==> flow/design.v <==
module compare (clock, rstn, d_i, mx_o);
  parameter DW = 36;
  parameter N_IN = 12;
  input clock;
  input rstn;
  input [N_IN*DW-1:0] d_i;
  output [DW-1:0] mx_o;
  reg [DW-1:0] cur;
  integer i;
  always @(*) begin
    cur = d_i[DW-1:0];
    for (i = 1; i < N_IN; i = i + 1)
      if (d_i[i*DW +: DW] > cur) cur = d_i[i*DW +: DW];
  end
  reg [DW-1:0] mx_reg;
  always @(posedge clock or negedge rstn) begin
    if (!rstn) begin
      mx_reg <= 0;
    end else begin
      mx_reg <= cur;
    end
  end
  assign mx_o = mx_reg;
endmodule
== Reports on compare ==
What the tools print for compare, step after step.
Lines are those of the file above, counted from 1.
Operators: Yosys type, input widths -> output width; for muxes data width and select width s.
Cell names lack the library's common part.
Not given: -

* Design top: compare
* Clock: clock
* Cell library: sky130hd
* Timing corner: tt_025C_1v80

== Elaborated design ==
Yosys after proc, flatten, opt, wreduce and memory -nomap, before mapping. Enables and synchronous resets that opt folds into registers are not counted as muxes. Memory bits, and registers merged into a memory's read port (data or address), are not among the register bits. Print and check cells are not counted. Equal cells are merged and count once.

* Magnitude comparators: 11
* Mux-type cells: 11

{| class="wikitable"
|+ Operators by type and width
! kind !! number
|-
| $gt 36x36->1 || 11
|-
| $mux 36 || 11
|}

* Bits in registers: 36
* Bits of input ports: 434
* Output and inout port bits: 36
* Elaborated cells: 23

== Longest topological paths ==
Depth = most cells in a row (Yosys ltp): at word level without a register or memory, in the mapped netlist without a sequential cell, where the memories' decode and read muxes count.

* Depth after elaboration: 22
* ABC_AREA: 0
* Depth in mapped cells: 185
* Mapped depth without buffers: 169

== After synthesis ==
Source: synth_stat.txt of the flow (Yosys; design flattened, memories mapped). It holds for the ABC_AREA given above (unset counts as 0); a run with the other value may have another netlist.
Totals and module areas in this step are rounded.

{| class="wikitable"
|+ Cell types
! cell type !! number !! area in all (sq um)
|-
| ha_1 || 380 || 4754.56
|-
| mux2_2 || 136 || 1.53E+03
|-
| inv_1 || 271 || 1.02E+03
|-
| a21oi_1 || 184 || 920.883
|-
| dfrtp_1 || 36 || 900.864
|-
| o21ai_0 || 156 || 780.749
|-
| mux2i_1 || 76 || 760.73
|-
| a21o_1 || 76 || 570.547
|-
| nand2_1 || 152 || 570.547
|-
| o31ai_1 || 74 || 555.533
|-
| nand4_1 || 76 || 475.456
|-
| nor2_1 || 95 || 356.592
|-
| nor2b_1 || 47 || 294.032
|-
| and3_1 || 41 || 256.496
|-
| nand2b_1 || 37 || 231.472
|-
| or2_1 || 34 || 212.704
|-
| clkbuf_1 || 55 || 206.448
|-
| o21a_1 || 22 || 165.158
|}

Not listed: further types 66, cells in them 253.

* Standard cells after synthesis: 2201
* Mapped area: 16500 sq um
* Sequential area: 901 sq um
* Mapped flip-flops: 36
* Buffers: 77

== Worst setup path after synthesis ==
OpenSTA on the mapped netlist: ideal clock, no wires. The path of least setup slack (recovery checks aside). Input and output delay are each 20% of the period. Register names are those of the netlist, which keeps one name where synthesis merged equal registers.

* Kind: in2reg
* From: input d_i[35]
* To: register mx_reg[0]
* Period: 48200 ps
* External input delay: 9640 ps
* Library setup time: 104 ps
* Launch time at the first pin: 9640 ps
* Arrival: 40416 ps
* Data required time: 48096 ps
* Path slack: 7680 ps
* Delay of the path: 30880 ps
* Stages on the path: 180
* Buffers on the path: 18
* Period reached after synthesis: 40520 ps

"delay of the path" is the arrival time less input delay plus setup time.
"stages on the path" counts driving pins, that of a launching flip-flop among them; a cell with two outputs on the path counts twice.
"period reached after synthesis" is the clock period less the worst setup slack; recovery checks do not enter. This is arithmetic on one report: input and output delays are still those of the set period (20% each).
Between the ends stands the longest chain of elaborated cells between them, by number of cells; it is not shown to be the way that was timed. Of several equally long chains one is given.
Each line given opens the expression or statement behind the cell; cells for indexed reads and writes are added by Yosys, which also makes memories of some case tables.

* Cells stage by stage: inv_1 -> ha_1 -> nand4_1 -> or4_1 -> or4_4 -> o21ai_0 -> buf_2 -> buf_1 -> mux2i_1 -> ha_1 -> a2111oi_0 -> nand2_1 -> o211ai_1 -> o211ai_1 -> o41ai_1 -> nor4_4 -> nor2_2 -> clkbuf_1 -> (+144 left out) -> inv_1 -> nor2_1 -> mux2i_2 -> buf_2 -> a21oi_1 -> or2_1 -> ha_1 -> nor2b_1 -> o21a_1 -> o21a_1 -> o21ai_0 -> o211ai_1 -> a221oi_1 -> o21ai_0 -> a221oi_1 -> a41oi_1 -> clkbuf_1 -> o311ai_1
* Length of the longest elaborated chain: 22
* Elaborated cells between the ends (all ways): 22
* Source lines of those cells: 1
* Classes of those cells: compare (11); mux (11)

{| class="wikitable"
|+ RTL lines, path after synthesis
! what !! RTL line !! RTL
|-
| start: declaration || 6 || <nowiki>input [N_IN*DW-1:0] d_i;</nowiki>
|-
| $gt 36x36->1 || 13 || <nowiki>if (d_i[i*DW +: DW] > cur) cur = d_i[i*DW +: DW];</nowiki>
|-
| $mux 36 || 13 ||
|-
| $gt 36x36->1 || 13 ||
|-
| $mux 36 || 13 ||
|-
| $gt 36x36->1 || 13 ||
|-
| $mux 36 || 13 ||
|-
| $gt 36x36->1 || 13 ||
|-
| (+8 left out) || - ||
|-
| $mux 36 || 13 ||
|-
| $gt 36x36->1 || 13 ||
|-
| $mux 36 || 13 ||
|-
| $gt 36x36->1 || 13 ||
|-
| $mux 36 || 13 ||
|-
| $gt 36x36->1 || 13 ||
|-
| $mux 36 || 13 ||
|-
| end: assignment || 18 || <nowiki>mx_reg <= 0;</nowiki>
|-
| end: assignment || 20 || <nowiki>mx_reg <= cur;</nowiki>
|-
| end: declaration || 15 || <nowiki>reg [DW-1:0] mx_reg;</nowiki>
|}

== Path in the finished layout ==
Path of least setup slack in the final report of run 1 (OpenROAD, finished layout, wires in). Where an end is a register, its clock arrival counts in the times.
The report prints the path's times to 10 ps; the period is as set.

* Kind: in2reg
* From: input d_i[35]
* To: register mx_reg[15]
* Period: 34000 ps
* External input delay: 6800 ps
* Library setup time: 80 ps
* Launch time at the first pin: 6800 ps
* Arrival: 36390 ps
* Data required time: 34210 ps
* Path slack: -2180 ps
* Stages on the path: 178
* Buffers on the path: 53

Between the ends stands the longest chain of elaborated cells between them, by number of cells; it is not shown to be the way that was timed. Of several equally long chains one is given.

* Cells stage by stage: buf_8 -> inv_4 -> ha_4 -> nand4_1 -> buf_4 -> or4_4 -> or4_4 -> o21ai_4 -> buf_12 -> mux2i_4 -> ha_4 -> a2111oi_4 -> nand2_1 -> o211ai_1 -> o211ai_1 -> buf_4 -> buf_6 -> o32a_1 -> (+142 left out) -> buf_6 -> and3_4 -> or2_1 -> ha_1 -> nor2b_1 -> o21a_1 -> o21a_1 -> o21ai_2 -> o211ai_1 -> a221oi_2 -> o21ai_1 -> a221oi_2 -> a41oi_4 -> buf_6 -> buf_6 -> buf_12 -> buf_8 -> o31ai_2
* Length of the longest elaborated chain: 22
* Elaborated cells between the ends (all ways): 22
* Source lines of those cells: 1
* Classes of those cells: compare (11); mux (11)

{| class="wikitable"
|+ RTL lines, path post-layout
! what !! RTL line !! RTL
|-
| start: declaration || 6 || <nowiki>input [N_IN*DW-1:0] d_i;</nowiki>
|-
| $gt 36x36->1 || 13 || <nowiki>if (d_i[i*DW +: DW] > cur) cur = d_i[i*DW +: DW];</nowiki>
|-
| $mux 36 || 13 ||
|-
| $gt 36x36->1 || 13 ||
|-
| $mux 36 || 13 ||
|-
| $gt 36x36->1 || 13 ||
|-
| $mux 36 || 13 ||
|-
| $gt 36x36->1 || 13 ||
|-
| (+8 left out) || - ||
|-
| $mux 36 || 13 ||
|-
| $gt 36x36->1 || 13 ||
|-
| $mux 36 || 13 ||
|-
| $gt 36x36->1 || 13 ||
|-
| $mux 36 || 13 ||
|-
| $gt 36x36->1 || 13 ||
|-
| $mux 36 || 13 ||
|-
| end: assignment || 18 || <nowiki>mx_reg <= 0;</nowiki>
|-
| end: assignment || 20 || <nowiki>mx_reg <= cur;</nowiki>
|-
| end: declaration || 15 || <nowiki>reg [DW-1:0] mx_reg;</nowiki>
|}

Measured data: module compare, platform sky130hd, 3 stored runs of the flow under differing settings, order arbitrary. Input and output delays are each 20% of the period that was set; the output load is 0.01 pF.
By "achieved period" is meant the clock period of the run minus its worst setup slack. This is arithmetic on one report: input and output delays are still those of the set period (20% each).
By "critical path time" is meant the share of the clock period that the worst setup path is allowed (20% is reserved at inputs, 20% at outputs), minus its slack. Clock arrival times at its registers enter into it.
"critical path time" is known to 10 ps.
The results are shown rounded.

=== Run 1 ===
{| class="wikitable"
! Setting !! Value
|-
| period_ns || 34.0
|-
| CORE_UTILIZATION || 24
|-
| SETUP_SLACK_MARGIN || 1.08
|-
| PLACE_DENSITY_LB_ADDON || 0.08
|-
| CELL_PAD_IN_SITES_GLOBAL_PLACEMENT || 3
|-
| CTS_CLUSTER_SIZE || 48
|-
| CTS_CLUSTER_DIAMETER || 295
|-
| MIN_ROUTING_LAYER || met2
|-
| CAP_MARGIN || 20
|-
| CORE_MARGIN || 2
|-
| SLEW_MARGIN || 20
|-
! Result !! Value
|-
| Achieved period || 36182 ps
|-
| Worst slack on setup checks || -2180 ps
|-
| Critical path time || 29380 ps
|-
| Kind of the worst setup path || in2reg
|-
| Full die area || 70900 sq um
|-
| Cell area after synthesis || 16500 sq um
|-
| Total negative slack on setup checks || -75600 ps
|-
| Utilization after layout || 46.6 %
|}

=== Run 2 ===
{| class="wikitable"
! Setting !! Value
|-
| period_ns || 32.9
|-
| CORE_UTILIZATION || 33
|-
| PLACE_DENSITY_LB_ADDON || 0.05
|-
| HOLD_SLACK_MARGIN || -0.01
|-
| CELL_PAD_IN_SITES_GLOBAL_PLACEMENT || 2
|-
| CELL_PAD_IN_SITES_DETAIL_PLACEMENT || 0
|-
| TNS_END_PERCENT || 95
|-
| GPL_TIMING_DRIVEN || 1
|-
| GPL_ROUTABILITY_DRIVEN || 0
|-
| CTS_CLUSTER_DIAMETER || 172
|-
| MAX_ROUTING_LAYER || met5
|-
| CAP_MARGIN || 20
|-
| CORE_MARGIN || 2
|-
| SLEW_MARGIN || 20
|-
! Result !! Value
|-
| Utilization after layout || 60.4 %
|-
| Critical path time || 28270 ps
|-
| Kind of the worst setup path || in2reg
|-
| Achieved period || 34848 ps
|-
| Total negative slack on setup checks || -68100 ps
|-
| Worst slack on setup checks || -1950 ps
|-
| Cell area after synthesis || 16500 sq um
|-
| Full die area || 51800 sq um
|}

=== Run 3 ===
{| class="wikitable"
! Setting !! Value
|-
| period_ns || 48.2
|-
| CAP_MARGIN || 20
|-
| CORE_MARGIN || 2
|-
| CORE_UTILIZATION || 40
|-
| SLEW_MARGIN || 20
|-
! Result !! Value
|-
| Full die area || 42900 sq um
|-
| Total negative slack on setup checks || 0 ps
|-
| Achieved period || 45614 ps
|-
| Critical path time || 35970 ps
|-
| Kind of the worst setup path || in2reg
|-
| Worst slack on setup checks || 2590 ps
|-
| Utilization after layout || 54.0 %
|-
| Cell area after synthesis || 16500 sq um
|}
